==> flow/design.v <==
module storage_stage #(
    parameter integer NWORDS = 32,
    parameter integer DW = 48,
    parameter integer ADDR_WIDTH = $clog2(NWORDS)
) (
    input  wire clock,
    input  wire rst_i,
    input  wire [ADDR_WIDTH-1:0] addr,
    input  wire wr_en,
    input  wire [DW-1:0] wdata,
    output reg [DW-1:0] rd_data
);
    reg [DW-1:0] ram [NWORDS-1:0];
    always @(posedge clock)
        if (wr_en) ram[addr] <= wdata;
    always @(posedge clock) begin
        if (rst_i) begin
            rd_data <= 0;
        end else begin
            rd_data <= wr_en ? wdata : ram[addr];
        end
    end
endmodule
# From RTL to reports: storage_stage

The steps from the RTL of storage_stage to its reports follow in flow order.
Lines are those of the file above, counted from 1.
Cell names lack the library's common part.
A cell with -- has no value.

Top module: storage_stage
Clock: clock
Library: sky130hd
Library corner: tt_025C_1v80

# Word-level counts

Counts by Yosys on the flattened word-level netlist (proc, flatten, opt, wreduce; memories kept). Register bits leave out memories and registers merged into their read ports (data or address); mux counts leave out enables and synchronous resets folded into registers. Print and check cells are left out. Cells with the same type and inputs are merged into one.
Memory sizes are those after Yosys's memory passes, which may raise the word count (mostly to a power of two), join words into wider ones and drop unused or constant bits.

Muxes and demuxes: 3

Operators by type and width:

| kind               | count |
| 48-bit two-way mux | 1 |
| 5-bit two-way mux  | 1 |
| 1-bit two-way mux  | 1 |

Register bits: 0
Bits in writable memories: 1536
Word width x clocked read ports: 48
Memories: 1
Input port bits: 56
Output and inout bits: 48
Word-level cells: 4

Memories:

| memory | depth | width | read ports | write ports | RTL line | text |
| ram    | 32    | 48    | 1          | 1           | 13       | `reg [DW-1:0] ram [NWORDS-1:0];` |

# Depth

Longest topological path by Yosys (ltp), each cell counted once; first at word level (registers and memories cut), then after technology mapping (sequential cells cut; the memories' decode and read muxes count).

Word-level depth: 1
ABC_AREA: 0
Mapped depth: 9
Depth with buffers taken out: 4

# Synthesis result

The flow's flattened synthesis, as Yosys stat reports it; memories are mapped. The netlist is that of the ABC_AREA named above (0 if unset); the other value can give another one.
The area totals of this step are shown rounded.

Cells by type:

| cell type | count | area in all (sq um) |
| edfxtp_1  | 1536  | 4.61E+04 |
| mux4_2    | 292   | 6.58E+03 |
| mux2i_1   | 184   | 1.84E+03 |
| dfxtp_1   | 48    | 960.922 |
| a22oi_1   | 77    | 578.054 |
| o22ai_1   | 80    | 500.48 |
| a22o_1    | 49    | 429.162 |
| buf_2     | 70    | 350.336 |
| a21o_1    | 31    | 232.723 |
| buf_4     | 28    | 210.202 |
| a31oi_1   | 31    | 193.936 |
| nor4_1    | 29    | 181.424 |
| buf_6     | 15    | 168.912 |
| clkbuf_1  | 40    | 150.144 |
| a221oi_1  | 16    | 140.134 |
| a311oi_1  | 16    | 140.134 |
| nor2_1    | 36    | 135.13 |
| inv_1     | 34    | 127.622 |

Other cell types: 36; their cells: 100.

Cell count: 2712
Cell area after synthesis: 0.0598 sq mm
Sequential part of the area: 0.0471 sq mm
Mapped flip-flops: 1584
Buffer cells: 158

# Path before layout

Path of least setup slack by OpenSTA after synthesis, without wires, with an ideal clock, recovery checks aside; 20% of the period is set as input and as output delay. Where synthesis merged equal registers, the netlist keeps one of their names.

Path kind: input-to-reg
Start point: input addr[0]
End point: memory ram[30][0]
Clock period: 5530 ps
Input delay: 1106 ps
Setup time: 454 ps
Time at the first pin: 1106 ps
Arrival: 4193 ps
Required time: 5076 ps
Slack: 883 ps
Path delay: 3541 ps
Driving pins on the path: 8
Buffers on the path: 5
Period reached after synthesis: 4647 ps

"path delay" = arrival - input delay + setup time.
"driving pins on the path": output pins that drive a net of the path, with the launching flip-flop's if there is one; two outputs of one cell count as two.
"period reached after synthesis" is the clock period less the worst setup slack; recovery checks do not enter. This is arithmetic on one report: input and output delays are still those of the set period (20% each).
Between the ends stands the longest chain of elaborated cells between them, by number of cells; it is not shown to be the way that was timed. Of several equally long chains one is given.
Each line given opens the expression or statement behind the cell; cells for indexed reads and writes are added by Yosys, which also makes memories of some case tables.

Cell sequence: buf_6 buf_6 buf_8 buf_4 buf_6 inv_1 nand3_1 nor2_1
Length of the longest elaborated chain: 1
Elaborated cells between the ends (all ways): 1
Source lines of those cells: 1
Those cells by class: mux: 1

Ends and longest elaborated chain, post-synthesis:

| item               | RTL line | text |
| start: declaration | 8        | `input  wire [ADDR_WIDTH-1:0] addr,` |
| 5-bit two-way mux  | 15       | `if (wr_en) ram[addr] <= wdata;` |
| end: declaration   | 13       | `reg [DW-1:0] ram [NWORDS-1:0];` |

# Worst path after layout

From the final timing report of stored run 1: the path of least setup slack in the routed layout; clock arrival at registers is part of the times.
The path's times are printed in steps of 10 ps; the period is the one set.

Path kind: input-to-reg
Start point: input addr[3]
End point: register rd_data[14]
Clock period: 4770 ps
Input delay: 950 ps
Setup time: 90 ps
Time at the first pin: 950 ps
Arrival: 3970 ps
Required time: 5430 ps
Slack: 1460 ps
Driving pins on the path: 8
Buffers on the path: 4

Cell sequence: clkdlybuf4s50_1 buf_4 buf_4 nor3_4 buf_4 a22o_1 a221oi_2 a221oi_2

Ends and longest elaborated chain, post-layout:

| item               | RTL line | text |
| start: declaration | 8        | `input  wire [ADDR_WIDTH-1:0] addr,` |
| end: declaration   | 11       | `output reg [DW-1:0] rd_data` |

Chain of elaborated cells between the ends: none given.

Data sheet: physical implementation of storage_stage

Measured data: module storage_stage, platform sky130hd, 3 stored runs of the flow under differing settings, order arbitrary. Input and output delays are each 20% of the period that was set; the output load is 0.01 pF.
"period achieved": clock period set for the run, less the worst setup slack. It is reckoned from that one timing run; input and output delays stay at 20% of the period that was set.
"allowed time less slack (worst setup path)": the worst setup path's part of the clock period (all of it between registers, 20% less for each end at a port) less its slack. A launch clock that arrives late makes it longer, a capture clock that arrives late makes it shorter.
"total power of the final layout": no workload was simulated; the value follows from the tool's default switching activity.
"allowed time less slack (worst setup path)" is given in steps of 10 ps.
Values from the reports are rounded here.
Among the settings, . means not set for that run.

| item                                            | stored run 1 | stored run 2 | stored run 3 |
| period_ns                                       | 4.77         | 5.53         | 5.56         |
| CORE_UTILIZATION                                | 51           | 40           | 37           |
| SETUP_SLACK_MARGIN                              | 1.42         | .            | -0.39        |
| PLACE_DENSITY                                   | 0.6          | .            | .            |
| GPL_ROUTABILITY_DRIVEN                          | 0            | .            | .            |
| CTS_CLUSTER_SIZE                                | 11           | .            | .            |
| CAP_MARGIN                                      | 25           | 20           | 20           |
| SLEW_MARGIN                                     | 0            | 20           | 15           |
| MIN_ROUTING_LAYER                               | met1         | .            | .            |
| MAX_ROUTING_LAYER                               | met5         | .            | met5         |
| CORE_MARGIN                                     | 2            | 2            | 2            |
| PLACE_DENSITY_LB_ADDON                          | .            | .            | 0.18         |
| CELL_PAD_IN_SITES_GLOBAL_PLACEMENT              | .            | .            | 1            |
| GPL_TIMING_DRIVEN                               | .            | .            | 0            |
| CTS_CLUSTER_DIAMETER                            | .            | .            | 146          |
| worst slack on setup checks (ps)                | 1460         | 2010         | 708          |
| worst-case hold slack (ps)                      | 742          | 729          | 750          |
| standard-cell area after layout (sq mm)         | 0.0691       | 0.0688       | 0.0719       |
| period achieved (ps)                            | 3308         | 3523         | 4852         |
| total power of the final layout (mW)            | 28.8         | 25.4         | 25.4         |
| synthesized cell area (sq mm)                   | 0.0598       | 0.0598       | 0.0598       |
| allowed time less slack (worst setup path) (ps) | 2350         | 2420         | 3740         |
| worst setup path kind                           | input-to-reg | input-to-reg | input-to-reg |
| full die area (sq mm)                           | 0.12         | 0.153        | 0.165        |
| final setup TNS (ps)                            | 0            | 0            | 0            |
